==> flow/design.v <==
module as_core_n #(
    parameter WIDTH = 10
) (
    input  wire clk,
    input  wire [WIDTH-1:0] i_op_a,
    input  wire [WIDTH-1:0] i_op_b,
    output wire [WIDTH-1:0] o_res
);
    reg [WIDTH-1:0] op_a_r;
    reg [WIDTH-1:0] op_b_r;
    always @(posedge clk) begin
        op_a_r <= i_op_a;
        op_b_r <= i_op_b;
    end
    assign o_res = (op_a_r > op_b_r) ? op_a_r - op_b_r : op_b_r - op_a_r;
endmodule
Reports on as_core_n --
Tool output for the design above, in the order of the flow. Line numbers count from 1 in the design file above. Operators: Yosys type, input widths -> output width; for muxes data width and select width s. Library cell names are shortened. A cell with -- has no value.
Design: design top as_core_n, clock input clk, cell library sky130hd, timing corner tt_025C_1v80

Word-level counts --
Yosys after proc, flatten, opt, wreduce and memory -nomap, before mapping. Enables and synchronous resets that opt folds into registers are not counted as muxes. Memory bits, and registers merged into a memory's read port (data or address), are not among the register bits. Print and check cells are not counted. Equal cells are merged and count once.
Word-level totals: cells after elaboration 6, input port bits 21, bits in registers 20, output and inout port bits 10
Cells by class: muxes and demuxes 1, magnitude comparators 1, add/sub/neg operators 2
Operator list (number):
- $sub 10x10->10 | 2
- $gt 10x10->1 | 1
- $mux 10 | 1

Logic depth --
Depth = most cells in a row (Yosys ltp): at word level without a register or memory, in the mapped netlist without a sequential cell, where the memories' decode and read muxes count.
Logic depth: depth in word-level cells 2, ABC_AREA 0, depth in mapped cells 10, depth with buffers taken out 9

Synthesis result --
Yosys stat after the flow's synthesis: flattened, memories mapped to cells. It holds for the ABC_AREA given above (unset counts as 0); a run with the other value may have another netlist. The area totals of this step are shown rounded.
Cells by type:
- dfxtp_1 | number 20, total area 400.384 um2
- ha_1 | number 19, total area 237.728 um2
- inv_1 | number 22, total area 82.579 um2
- a21oi_1 | number 16, total area 80.077 um2
- mux2i_1 | number 8, total area 80.077 um2
- a21o_1 | number 6, total area 45.043 um2
- o21ai_0 | number 9, total area 45.043 um2
- nand2b_1 | number 7, total area 43.792 um2
- xor2_1 | number 5, total area 43.792 um2
- fa_1 | number 2, total area 40.038 um2
- xnor2_1 | number 3, total area 26.275 um2
- mux2_4 | number 1, total area 15.014 um2
- a221o_2 | number 1, total area 11.261 um2
- and4_4 | number 1, total area 11.261 um2
- buf_6 | number 1, total area 11.261 um2
- nor2_1 | number 3, total area 11.261 um2
- nand3_1 | number 2, total area 10.01 um2
- a21o_2 | number 1, total area 8.758 um2
Other cell types: 9; their cells: 9.
Synthesis totals: sequential part of the area 400.4 um2, standard cells after synthesis 136, buffer cells 2, flip-flops 20, mapped area 1262 um2

Timing after synthesis --
Source: OpenSTA report_checks on the synthesized netlist (no wires, ideal clock, input and output delay 20% of the period each), path of least setup slack; recovery checks are left aside. Register names are those of the netlist, which keeps one name where synthesis merged equal registers.
Timing after synthesis: path type reg-to-output, start register op_a_r[0], end output o_res[2], clock period 3.4 ns, stages 11, data required time 2.720 ns, delay of the path 2.179 ns, time at the first pin 0.000 ns, slack 0.541 ns, arrival 2.179 ns, buffers on the path 1, output delay 0.680 ns, period reached after synthesis 2.859 ns
"delay of the path" is the arrival time less input delay plus setup time. At an output port there is no setup time. "stages" counts driving pins, that of a launching flip-flop among them; a cell with two outputs on the path counts twice. "period reached after synthesis" is the clock period less the worst setup slack; recovery checks do not enter. This is arithmetic on one report: input and output delays are still those of the set period (20% each). Between the ends stands the longest chain of elaborated cells between them, by number of cells; it is not shown to be the way that was timed. Of several equally long chains one is given. A line is the first line of the expression or statement that the cell stems from. Yosys adds cells for indexed reads and writes and turns some case tables into memories.
Between the ends, after synthesis: cells stage by stage dfxtp_1 inv_1 ha_1 fa_1 nand2b_1 a21oi_1 o21ai_0 a21oi_1 buf_6 mux2_4 xnor2_1, length of the longest elaborated chain 2, elaborated cells between the ends (all ways) 4, RTL lines with such cells 1, those cells by class add/sub (2); compare (1); mux (1)
Ends and longest elaborated chain, after synthesis:
- start, declared | line 9 | reg [WIDTH-1:0] op_a_r;
- start, assigned | line 12 | op_a_r <= i_op_a;
- $sub 10x10->10 | line 15 | assign o_res = (op_a_r > op_b_r) ? op_a_r - op_b_r : op_b_r - op_a_r;
- $mux 10 | line 15
- end, declared | line 7 | output wire [WIDTH-1:0] o_res

Timing after layout --
Path of least setup slack in the final report of run 1 (OpenROAD, finished layout, wires in). Where an end is a register, its clock arrival counts in the times.
Timing after layout: path type reg-to-output, start register op_a_r[0], end output o_res[8], time at the first pin 0.30 ns, arrival 3.62 ns, data required time 4.16 ns, buffers on the path 2, output delay 1.04 ns, stages 12, slack 0.54 ns, clock period 5.2 ns
Between the ends stands the longest chain of elaborated cells between them, by number of cells; it is not shown to be the way that was timed. Of several equally long chains one is given.
Between the ends, after layout: cells stage by stage dfxtp_1 inv_1 ha_1 fa_1 nand2b_1 a21oi_1 o21ai_0 a21oi_1 buf_4 mux2i_1 xor2_1 clkdlybuf4s50_1, length of the longest elaborated chain 2, elaborated cells between the ends (all ways) 4, RTL lines with such cells 1, those cells by class add/sub (2); compare (1); mux (1)
Ends and longest elaborated chain, after layout:
- start, declared | line 9 | reg [WIDTH-1:0] op_a_r;
- start, assigned | line 12 | op_a_r <= i_op_a;
- $sub 10x10->10 | line 15 | assign o_res = (op_a_r > op_b_r) ? op_a_r - op_b_r : op_b_r - op_a_r;
- $mux 10 | line 15
- end, declared | line 7 | output wire [WIDTH-1:0] o_res

Measured data: module as_core_n, platform sky130hd, 3 stored runs of the flow under differing settings, order arbitrary. Input and output delays are each 20% of the period that was set; the output load is 0.01 pF.
"time of the worst setup path" is the time allowed to the run's worst setup path (the clock period less input and output delay, where it has them) less its slack. Clock arrival times count: a late capture clock shortens it, a late launch clock lengthens it.
"overall power" rests on the timing tool's default activity at the inputs, not on a simulated workload.
The measured numbers are rounded.

[run 1] flow files
==> flow/run.sh <==
#!/bin/bash
# the make line also repeats the synthesis and layout settings of config.mk as NAME=value (left out here)
make -C /OpenROAD-flow-scripts/flow DESIGN_CONFIG=/design/flow/config.mk WORK_HOME=/design/flow/orfs CLKGATE_MAP_FILE= finish
==> flow/config.mk <==
export PLATFORM = sky130hd
export DESIGN_NAME = as_core_n
export DESIGN_NICKNAME = as_core_n
export VERILOG_FILES = /design/flow/design.v
export SDC_FILE = /design/flow/constraint.sdc
export NUM_CORES = 4
export LEC_CHECK = 0
export CAP_MARGIN = 20
export CORE_ASPECT_RATIO = 0.93
export CORE_MARGIN = 2
export CORE_UTILIZATION = 64
export SLEW_MARGIN = 20
==> flow/constraint.sdc <==
create_clock -name core_clock -period 5.2 [get_ports {clk}]
set_input_delay 1.0400 -clock core_clock [delete_from_list [all_inputs] [get_ports {clk}]]
set_output_delay 1.0400 -clock core_clock [all_outputs]
set_load 0.01 [all_outputs]

[run 1] result: overall power 0.4089 mW; time of the worst setup path 3.62 ns; worst setup path type reg-to-output; lowest hold slack 1.169 ns; post-synthesis cell area 1262 um2; worst setup slack after layout 0.535 ns; die outline area 2344 um2; final utilization 86.5 %

[run 2] flow files
==> flow/run.sh <==
#!/bin/bash
# the make line also repeats the synthesis and layout settings of config.mk as NAME=value (left out here)
make -C /OpenROAD-flow-scripts/flow DESIGN_CONFIG=/design/flow/config.mk WORK_HOME=/design/flow/orfs CLKGATE_MAP_FILE= finish
==> flow/config.mk <==
export PLATFORM = sky130hd
export DESIGN_NAME = as_core_n
export DESIGN_NICKNAME = as_core_n
export VERILOG_FILES = /design/flow/design.v
export SDC_FILE = /design/flow/constraint.sdc
export NUM_CORES = 4
export LEC_CHECK = 0
export CAP_MARGIN = 20
export CORE_MARGIN = 2
export CORE_UTILIZATION = 40
export SLEW_MARGIN = 20
==> flow/constraint.sdc <==
create_clock -name core_clock -period 3.4 [get_ports {clk}]
set_input_delay 0.6800 -clock core_clock [delete_from_list [all_inputs] [get_ports {clk}]]
set_output_delay 0.6800 -clock core_clock [all_outputs]
set_load 0.01 [all_outputs]

[run 2] result: overall power 0.7033 mW; time of the worst setup path 2.57 ns; worst setup path type reg-to-output; lowest hold slack 0.794 ns; post-synthesis cell area 1262 um2; worst setup slack after layout 0.152 ns; die outline area 3622 um2; final utilization 57.6 %

[run 3] flow files
==> flow/run.sh <==
#!/bin/bash
# the make line also repeats the synthesis and layout settings of config.mk as NAME=value (left out here)
make -C /OpenROAD-flow-scripts/flow DESIGN_CONFIG=/design/flow/config.mk WORK_HOME=/design/flow/orfs CLKGATE_MAP_FILE= finish
==> flow/config.mk <==
export PLATFORM = sky130hd
export DESIGN_NAME = as_core_n
export DESIGN_NICKNAME = as_core_n
export VERILOG_FILES = /design/flow/design.v
export SDC_FILE = /design/flow/constraint.sdc
export NUM_CORES = 4
export LEC_CHECK = 0
export CAP_MARGIN = 20
export CORE_MARGIN = 2
export CORE_UTILIZATION = 36
export CTS_CLUSTER_DIAMETER = 95
export GPL_TIMING_DRIVEN = 1
export MAX_ROUTING_LAYER = met5
export PLACE_DENSITY_LB_ADDON = 0.18
export SETUP_SLACK_MARGIN = 0.27
export SLEW_MARGIN = 20
==> flow/constraint.sdc <==
create_clock -name core_clock -period 3.58 [get_ports {clk}]
set_input_delay 0.7160 -clock core_clock [delete_from_list [all_inputs] [get_ports {clk}]]
set_output_delay 0.7160 -clock core_clock [all_outputs]
set_load 0.01 [all_outputs]

[run 3] result: overall power 0.6111 mW; time of the worst setup path 2.59 ns; worst setup path type reg-to-output; lowest hold slack 0.833 ns; post-synthesis cell area 1262 um2; worst setup slack after layout 0.278 ns; die outline area 3997 um2; final utilization 52.6 %
